==> flow/design.v <==
module data_mux_stage #(
  parameter W = 16
) (
  input wire clk_i,
  input wire [W-1:0] in_data_0,
  input wire [W-1:0] in_data_1,
  input wire [W-1:0] in_data_2,
  input wire [W-1:0] in_data_3,
  input wire [W-1:0] in_data_4,
  input wire [W-1:0] in_data_5,
  input wire [2:0] in_addr,
  output reg [W-1:0] out_dout
);
  reg [W-1:0] cur;
  always @* begin
    case (in_addr)
      3'd0: cur = in_data_0;
      3'd1: cur = in_data_1;
      3'd2: cur = in_data_2;
      3'd3: cur = in_data_3;
      3'd4: cur = in_data_4;
      default: cur = in_data_5;
    endcase
  end
  always @(posedge clk_i) begin
    out_dout <= cur;
  end
endmodule
[Reports on data_mux_stage]
Tool output for the design above, in the order of the flow.
Line numbers count from 1 in the design file above.
Operators: Yosys type, input widths -> output width; for muxes data width and select width s.
Library cell names are shortened.
The mark - stands for no value.
Set-up
  design top: data_mux_stage
  clock input: clk_i
  cell library: sky130hd
  library corner: tt_025C_1v80

[Word level]
Counts by Yosys on the flattened word-level netlist (proc, flatten, opt, wreduce; memories kept). Register bits leave out memories and registers merged into their read ports (data or address); mux counts leave out enables and synchronous resets folded into registers. Print and check cells are left out. Cells with the same type and inputs are merged into one.
Storage and ports
  output and inout bits: 16
  bits in registers: 16
  input bits: 100
  word-level cells: 7
Operators by class
  eq/ne operators: 4
  muxes and demuxes: 1
  reduce/logical cells: 1
Operator list (count)
  $pmux 16 s5: 1
  $eq 3x2->1 const B: 2
  $eq 3x1->1 const B: 1
  $eq 3x3->1 const B: 1
  $logic_not 3->1: 1

[Depth]
Longest topological path by Yosys (ltp), each cell counted once; first at word level (registers and memories cut), then after technology mapping (sequential cells cut; the memories' decode and read muxes count).
Logic depth
  depth in word-level cells: 2
  ABC_AREA: 1
  gate-level depth with buffers: 7
  gate-level depth less buffers: 5

[Netlist]
Source: synth_stat.txt of the flow (Yosys; design flattened, memories mapped). It holds for the ABC_AREA given above (unset counts as 0); a run with the other value may have another netlist.
Synthesis totals
  standard cells after synthesis: 200
  buffers: 18
  chip area (Yosys): 1248.7 um^2
  sequential part of the area: 320.3 um^2
  flip-flop cells: 16
Cell types
  dfxtp_1: count 16, area in all 320.307 um^2
  nand2_1: count 64, area in all 240.23 um^2
  nand3_1: count 48, area in all 240.23 um^2
  nand4_1: count 32, area in all 200.192 um^2
  nor2_1: count 16, area in all 60.058 um^2
  buf_2: count 10, area in all 50.048 um^2
  buf_4: count 5, area in all 37.536 um^2
  buf_6: count 3, area in all 33.782 um^2
  nor2_4: count 2, area in all 22.522 um^2
  nor2_8: count 1, area in all 20.019 um^2
  nor3_4: count 1, area in all 16.266 um^2
  inv_2: count 2, area in all 7.507 um^2

[Worst setup path after synthesis]
Source: OpenSTA report_checks on the synthesized netlist (no wires, ideal clock, input and output delay 20% of the period each), path of least setup slack; recovery checks are left aside. Register names are those of the netlist, which keeps one name where synthesis merged equal registers.
Path after synthesis
  kind: input port to flip-flop
  start point: input port in_addr[0]
  end point: register out_dout[0]
  period: 1.48 ns
  input delay: 0.296 ns
  time at the first pin: 0.296 ns
  driving pins on the path: 7
  buffers on the path: 2
  setup time: 0.121 ns
  arrival time: 0.938 ns
  path delay: 0.763 ns
  required time: 1.359 ns
  slack: 0.421 ns
  synthesis period reached: 1.059 ns
"path delay" is the arrival time less input delay plus setup time.
"driving pins on the path": output pins that drive a net of the path, with the launching flip-flop's if there is one; two outputs of one cell count as two.
"synthesis period reached" is the clock period less the worst setup slack; recovery checks do not enter. This is arithmetic on one report: input and output delays are still those of the set period (20% each).
The rows between start and end are the longest chain of elaborated cells between them; the timing report does not say that the signal goes this way. Where chains are equally long, one stands for them.
Each line given opens the expression or statement behind the cell; cells for indexed reads and writes are added by Yosys, which also makes memories of some case tables.
On the way, after synthesis
  cells stage by stage: buf_4 > inv_2 > buf_4 > nand4_1 > nand2_1 > nor2_1 > nand3_1
  cells in the longest elaborated chain: 2
  elaborated cells on any way between the ends: 6
  source lines of those cells: 1
  classes of those cells: eq/ne (4); mux (1); reduce/logical (1)
Ends and longest elaborated chain, after synthesis
  start: declaration: line 11  | input wire [2:0] in_addr,
  $eq 3x3->1: line 16  | case (in_addr)
  $pmux 16 s5: line 16
  end: assignment: line 26  | out_dout <= cur;
  end: declaration: line 12  | output reg [W-1:0] out_dout

[Path in the finished layout]
From the final timing report of flow run 1: the path of least setup slack in the routed layout; clock arrival at registers is part of the times.
Path after layout
  kind: flip-flop to output port
  start point: register out_dout[5]
  end point: output port out_dout[5]
  period: 1.02 ns
  time at the first pin: 0.25 ns
  arrival time: 0.79 ns
  output delay: 0.20 ns
  driving pins on the path: 2
  slack: 0.03 ns
  required time: 0.82 ns
  buffers on the path: 1
On the way, after layout
  cells stage by stage: dfxtp_1 > clkdlybuf4s15_1
  cells in the longest elaborated chain: 0
  elaborated cells on any way between the ends: 0
  source lines of those cells: 0
Ends and longest elaborated chain, after layout
  start: declaration: line 12  | output reg [W-1:0] out_dout
  start: assignment: line 26  | out_dout <= cur;
  end: declaration: line 12

# Flow runs of data_mux_stage

data_mux_stage through Yosys and OpenROAD on sky130hd: 3 stored runs, unordered, with their settings and measured results. The constraints put input and output delay at 20% of the set period each and load the outputs with 0.01 pF.
"reached clock period" is the run's clock period less its worst setup slack. It is reckoned from that one timing run; input and output delays stay at 20% of the period that was set.
"worst path time": the worst setup path's part of the clock period (all of it between registers, 20% less for each end at a port) less its slack. A launch clock that arrives late makes it longer, a capture clock that arrives late makes it shorter.
"total power of the final layout" rests on the timing tool's default activity at the inputs, not on a simulated workload.

==> flow run 1: settings <==
{ "period_ns": 1.02, "CORE_UTILIZATION": 18, "PLACE_DENSITY_LB_ADDON": 0.26, "ABC_AREA": 1, "GPL_TIMING_DRIVEN": 0, "CTS_CLUSTER_DIAMETER": 123, "SLEW_MARGIN": 30, "CAP_MARGIN": 20, "CORE_MARGIN": 2 }
==> flow run 1: results <==
die outline area: 7619.5 um^2
worst path time: 0.79 ns
worst setup path type: flip-flop to output port
reached clock period: 0.989 ns
utilization after routing: 0.364
worst setup slack after layout: 0.031 ns
synthesized cell area: 1248.7 um^2
setup TNS: 0.000 ns
total power of the final layout: 2.178 mW
worst hold slack: 0.336 ns
standard-cell area of the final layout: 2462.4 um^2

==> flow run 2: settings <==
{ "period_ns": 1.48, "CAP_MARGIN": 20, "CORE_MARGIN": 2, "CORE_UTILIZATION": 40, "SLEW_MARGIN": 20 }
==> flow run 2: results <==
die outline area: 3521.2 um^2
worst path time: 1.17 ns
worst setup path type: flip-flop to output port
reached clock period: 1.463 ns
utilization after routing: 0.879
worst setup slack after layout: 0.017 ns
synthesized cell area: 1224.9 um^2
setup TNS: 0.000 ns
total power of the final layout: 1.494 mW
worst hold slack: 0.623 ns
standard-cell area of the final layout: 2617.5 um^2

==> flow run 3: settings <==
{ "period_ns": 1.38, "CORE_UTILIZATION": 38, "PLACE_DENSITY_LB_ADDON": 0.15, "CELL_PAD_IN_SITES_DETAIL_PLACEMENT": 1, "ABC_AREA": 1, "GPL_TIMING_DRIVEN": 0, "CTS_CLUSTER_SIZE": 64, "MAX_ROUTING_LAYER": "met5", "CAP_MARGIN": 20, "CORE_MARGIN": 2, "SLEW_MARGIN": 20 }
==> flow run 3: results <==
incomplete, placement halted on DPL-0033
